==> flow/design.v <==
module gen_order #(
  parameter integer W = 8
) (
  input logic i_clk,
  input logic RSTN,
  input logic [W-1:0] src1_i,
  input logic [W-1:0] src2_i,
  output logic is_gt_o,
  output logic is_lt_o
);
  logic [W-1:0] src1_ff;
  always_ff @(posedge i_clk or negedge RSTN) begin
    if (!RSTN) begin
      src1_ff <= '0;
    end else begin
      src1_ff <= src1_i;
    end
  end
  logic [W-1:0] src2_ff;
  always_ff @(posedge i_clk or negedge RSTN) begin
    if (!RSTN) begin
      src2_ff <= '0;
    end else begin
      src2_ff <= src2_i;
    end
  end
  logic g;
  logic l;
  always_comb begin
    g = 1'b0;
    l = 1'b0;
    for (int idx = W-1; idx >= 0; idx = idx - 1) begin
      if (!g && !l) begin
        g = src1_ff[idx] & ~src2_ff[idx];
        l = ~src1_ff[idx] & src2_ff[idx];
      end
    end
  end
  assign is_gt_o = g;
  assign is_lt_o = l;
endmodule
Appendix: tool output

==> Tool chain data of gen_order <==
Module gen_order in several versions that differ in "W"; each step lists the members.
The RTL above is that of W=8; lines are counted from 1 in the file of the member named.
Cell names lack the library's common part.
{ "setup": {"top_module": "gen_order", "clock_port": "i_clk", "cell_library": "sky130hd", "lib_corner": "tt_025C_1v80"} }

==> Source of the members <==
New or changed lines of each further member against the RTL above, in its own file; lines it lacks are not shown.
{ "src_changes": {"columns": ["W", "line_no", "rtl"], "rows": [
  [20, 2, "parameter integer W = 20"],
  [56, 2, "parameter integer W = 56"],
  [96, 2, "parameter integer W = 96"],
  [112, 2, "parameter integer W = 112"],
  [128, 2, "parameter integer W = 128"]
]} }

==> Word-level counts <==
Source: Yosys, flattened and elaborated, memories not mapped. Widths are those after wreduce; folded enables and synchronous resets count as part of the registers. Registers that Yosys merges into a memory's read port (data or address) are not register bits. Print and check cells do not count. Equal cells are merged and count once.
{ "bits": {"columns": ["W", "input_bits", "register_bits", "wordCells"], "rows": [
  [8, 18, 16, 69],
  [20, 42, 40, 177],
  [56, 114, 112, 501],
  [96, 194, 192, 861],
  [112, 226, 224, 1005],
  [128, 258, 256, 1149]
]} }
{ "classes": {"columns": ["W", "muxes", "n_logic", "reduce_and_logical"], "rows": [
  [8, 14, 32, 21],
  [20, 38, 80, 57],
  [56, 110, 224, 165],
  [96, 190, 384, 285],
  [112, 222, 448, 333],
  [128, 254, 512, 381]
]} }
{ "op_table": {"columns": ["W", "op_list"], "rows": [
  [8, "1-bit bitwise AND: 16; 1-bit NOT: 16; 1-bit logical NOT: 14; 1-bit 2-to-1 mux: 14; 1-bit logical AND: 7"],
  [20, "1-bit bitwise AND: 40; 1-bit NOT: 40; 1-bit logical NOT: 38; 1-bit 2-to-1 mux: 38; 1-bit logical AND: 19"],
  [56, "1-bit bitwise AND: 112; 1-bit NOT: 112; 1-bit logical NOT: 110; 1-bit 2-to-1 mux: 110; 1-bit logical AND: 55"],
  [96, "1-bit bitwise AND: 192; 1-bit NOT: 192; 1-bit logical NOT: 190; 1-bit 2-to-1 mux: 190; 1-bit logical AND: 95"],
  [112, "1-bit bitwise AND: 224; 1-bit NOT: 224; 1-bit logical NOT: 222; 1-bit 2-to-1 mux: 222; 1-bit logical AND: 111"],
  [128, "1-bit bitwise AND: 256; 1-bit NOT: 256; 1-bit logical NOT: 254; 1-bit 2-to-1 mux: 254; 1-bit logical AND: 127"]
]} }

==> Logic depth <==
Depth = most cells in a row (Yosys ltp): at word level without a register or memory, in the mapped netlist without a sequential cell, where the memories' decode and read muxes count.
{ "logic_depth": {"columns": ["W", "word_depth", "abc_area", "mapped_depth", "mapped_depth_nobuf"], "rows": [
  [8, 23, 0, 6, 6],
  [20, 59, 0, 8, 8],
  [56, 167, 0, 9, 9],
  [96, 287, 0, 10, 10],
  [112, 335, 0, 10, 10],
  [128, 383, 0, 10, 10]
]} }

==> Netlist <==
Yosys stat after the flow's synthesis: flattened, memories mapped to cells. It holds for the ABC_AREA given above (unset counts as 0); a run with the other value may have another netlist.
{ "by_type": {"columns": ["W", "cell_types"], "rows": [
  [8, "dfrtp_1: 16; maj3_2: 3; maj3_1: 3; inv_1: 7; ha_1: 2; nand2b_1: 3; nor2b_1: 2; a21oi_1: 2; nand3_1: 2; nor3_1: 2; o21ai_0: 2; a21oi_2: 1; a221oi_1: 1; nor2b_2: 1; o221ai_1: 1; or3b_1: 1; a211oi_1: 1; and3_1: 1; nor2_1: 1"],
  [20, "dfrtp_1: 40; inv_1: 19; maj3_1: 7; nor2b_1: 11; maj3_2: 6; nand2b_1: 5; a211oi_1: 4; nor2b_4: 2; a21oi_1: 5; ha_1: 2; nor3b_1: 3; o21ba_2: 2; nor2_1: 4; o21ai_0: 3; o21bai_1: 2; nand2_1: 3; a311o_1: 1; nand3_1: 2; [+13]"],
  [56, "dfrtp_1: 112; maj3_1: 28; nor2b_1: 29; nand2b_1: 26; inv_1: 32; a21oi_1: 22; maj3_2: 6; nand2_1: 11; o21ai_0: 8; o211ai_1: 5; o21ai_1: 7; nor2_1: 9; a31oi_1: 5; o31ai_1: 4; a2111oi_0: 3; o221ai_1: 3; ha_1: 2; o21bai_1: 3; [+38]"],
  [96, "dfrtp_1: 192; maj3_1: 74; maj3_2: 29; nor2b_1: 46; inv_1: 62; nand2b_1: 36; a21oi_1: 22; o21ai_0: 17; a21o_1: 6; o21ai_1: 7; o221ai_1: 4; nand2_1: 7; and2_1: 4; ha_1: 2; a211oi_1: 3; o21bai_1: 3; a21bo_2: 2; a2bb2o_4: 1; [+36]"],
  [112, "dfrtp_1: 224; maj3_1: 91; nor2b_1: 57; nand2b_1: 47; inv_1: 69; a21oi_1: 34; maj3_2: 12; o21ai_0: 25; a21o_1: 8; o21bai_1: 7; o21a_1: 6; a211oi_1: 4; a21boi_0: 4; o21ai_1: 6; a31oi_1: 4; ha_1: 2; o31ai_1: 3; nand2_1: 5; [+42]"],
  [128, "dfrtp_1: 256; maj3_1: 106; nor2b_1: 65; nand2b_1: 59; inv_1: 73; a21oi_1: 40; maj3_2: 11; o21ai_0: 23; o21ai_1: 15; a21o_1: 7; o21bai_1: 6; nor2_1: 10; o31ai_1: 5; a221oi_1: 4; nand2_1: 7; ha_1: 2; a211oi_1: 3; a21boi_0: 3; [+43]"]
]} }
A list marked [+n] leaves out that many cells.
{ "synth_totals": {"columns": ["W", "cells", "flip_flops", "yosys_area_um2"], "rows": [
  [8, 52, 16, 648.1],
  [20, 134, 40, 1634.1],
  [56, 353, 112, 4349.2],
  [96, 553, 192, 7347.0],
  [112, 650, 224, 8539.4],
  [128, 738, 256, 9655.5]
]} }

==> Timing after synthesis <==
Path of least setup slack by OpenSTA after synthesis, without wires, with an ideal clock, recovery checks aside; 20% of the period is set as input and as output delay. Where synthesis merged equal registers, the netlist keeps one of their names.
{ "synth_timing": {"columns": ["W", "path_kind", "from", "to", "tclk_ns", "path_delay_ns", "driving_pins", "slack_ns", "synth_period_reached_ns"], "rows": [
  [8, "register to output", "register src1_ff[4]", "output is_gt_o", 2.24, 1.431, 6, 0.361, 1.879],
  [20, "register to output", "register src1_ff[10]", "output is_lt_o", 2.73, 1.748, 7, 0.436, 2.294],
  [56, "register to output", "register src2_ff[14]", "output is_lt_o", 3.36, 2.149, 9, 0.539, 2.821],
  [96, "register to output", "register src1_ff[62]", "output is_lt_o", 3.57, 2.285, 10, 0.571, 2.999],
  [112, "register to output", "register src1_ff[90]", "output is_lt_o", 3.88, 2.486, 10, 0.618, 3.262],
  [128, "register to output", "register src1_ff[22]", "output is_lt_o", 3.63, 2.323, 10, 0.581, 3.049]
]} }
"path_delay_ns" is the arrival time less input delay plus setup time.
A path that ends at an output port has no setup time.
"driving_pins": output pins that drive a net of the path, with the launching flip-flop's if there is one; two outputs of one cell count as two.
"synth_period_reached_ns" is the clock period less the worst setup slack; recovery checks do not enter. This is arithmetic on one report: input and output delays are still those of the set period (20% each).
Between the ends stands the longest chain of elaborated cells between them, by number of cells; it is not shown to be the way that was timed. Of several equally long chains one is given.
A line is the first line of the expression or statement that the cell stems from. Yosys adds cells for indexed reads and writes and turns some case tables into memories.
{ "synth_between_W_8": {"elab_chain_cells": 15} }
{ "synth_rtl_W_8": {"columns": ["element", "line_no", "rtl"], "rows": [
  ["start: declaration", 11, "logic [W-1:0] src1_ff;"],
  ["start: assignment", 14, "src1_ff <= '0;"],
  ["start: assignment", 16, "src1_ff <= src1_i;"],
  ["1-bit NOT", 35, "l = ~src1_ff[idx] & src2_ff[idx];"],
  ["1-bit bitwise AND", 35, null],
  ["1-bit 2-to-1 mux", 33, "if (!g && !l) begin"],
  ["1-bit logical NOT", 33, null],
  ["1-bit logical AND", 33, null],
  ["1-bit 2-to-1 mux", 33, null],
  ["1-bit logical NOT", 33, null],
  ["1-bit logical AND", 33, null],
  ["1-bit 2-to-1 mux", 33, null],
  ["1-bit logical NOT", 33, null],
  ["1-bit logical AND", 33, null],
  ["1-bit 2-to-1 mux", 33, null],
  ["1-bit logical NOT", 33, null],
  ["1-bit logical AND", 33, null],
  ["1-bit 2-to-1 mux", 33, null],
  ["end: declaration", 8, "output logic is_gt_o,"]
]} }
{ "synth_between_W_128": {"elab_chain_cells": 69} }
{ "synth_rtl_W_128": {"columns": ["element", "line_no", "rtl"], "rows": [
  ["start: declaration", 11, "logic [W-1:0] src1_ff;"],
  ["start: assignment", 14, "src1_ff <= '0;"],
  ["start: assignment", 16, "src1_ff <= src1_i;"],
  ["1-bit NOT", 35, "l = ~src1_ff[idx] & src2_ff[idx];"],
  ["1-bit bitwise AND", 35, null],
  ["1-bit 2-to-1 mux", 33, "if (!g && !l) begin"],
  ["1-bit logical NOT", 33, null],
  ["1-bit logical AND", 33, null],
  ["1-bit 2-to-1 mux", 33, null],
  ["1-bit logical NOT", 33, null],
  ["[55 not listed]", null, null],
  ["1-bit 2-to-1 mux", 33, null],
  ["1-bit logical NOT", 33, null],
  ["1-bit logical AND", 33, null],
  ["1-bit 2-to-1 mux", 33, null],
  ["1-bit logical NOT", 33, null],
  ["1-bit logical AND", 33, null],
  ["1-bit 2-to-1 mux", 33, null],
  ["end: declaration", 9, "output logic is_lt_o"]
]} }

==> Timing after layout <==
From the final timing report of each member's run: the path of least setup slack in the routed layout; clock arrival at registers is part of the times.
{ "layout_timing": {"columns": ["W", "path_kind", "from", "to", "t_arrival_ns", "slack_ns", "tclk_ns", "driving_pins"], "rows": [
  [8, "register to output", "register src1_ff[4]", "output is_gt_o", 1.87, -0.07, 2.24, 7],
  [20, "register to output", "register src2_ff[6]", "output is_gt_o", 2.17, 0.02, 2.73, 8],
  [56, "register to output", "register src2_ff[14]", "output is_gt_o", 2.71, -0.02, 3.36, 10],
  [96, "register to output", "register src1_ff[77]", "output is_gt_o", 2.91, -0.06, 3.57, 12],
  [112, "register to output", "register src1_ff[90]", "output is_lt_o", 3.17, -0.07, 3.88, 11],
  [128, "register to output", "register src2_ff[102]", "output is_lt_o", 3.14, -0.24, 3.63, 12]
]} }

==> Flow runs <==
One run of the flow (Yosys, OpenROAD) for each member, with settings and measured results. Input and output delays are each 20% of the period that was set; the output load is 0.01 pF.
{ "settings": {"CAP_MARGIN": 20, "CORE_MARGIN": 2, "CORE_UTILIZATION": 40, "SLEW_MARGIN": 20} }
{ "settings_diff": {"columns": ["W", "period_ns"], "rows": [
  [8, 2.24],
  [20, 2.73],
  [56, 3.36],
  [96, 3.57],
  [112, 3.88],
  [128, 3.63]
]} }
{ "measured": {"columns": ["W", "die_um2", "power_total_w", "fin_tns_ns", "util_frac", "post_synth_area_um2", "setup_ws_ns"], "rows": [
  [8, 1958.1, 0.0005856, -0.075, 0.605, 648.1, -0.075],
  [20, 4612.4, 0.001307, 0.000, 0.576, 1634.1, 0.016],
  [56, 11723.5, 0.002558, -0.024, 0.562, 4349.2, -0.024],
  [96, 19467.2, 0.00485, -0.096, 0.583, 7347.0, -0.057],
  [112, 22533.0, 0.005619, -0.110, 0.585, 8539.4, -0.066],
  [128, 25397.2, 0.006663, -0.433, 0.587, 9655.5, -0.236]
]} }
"power_total_w" is the tool's figure for a default switching activity; nothing was simulated.
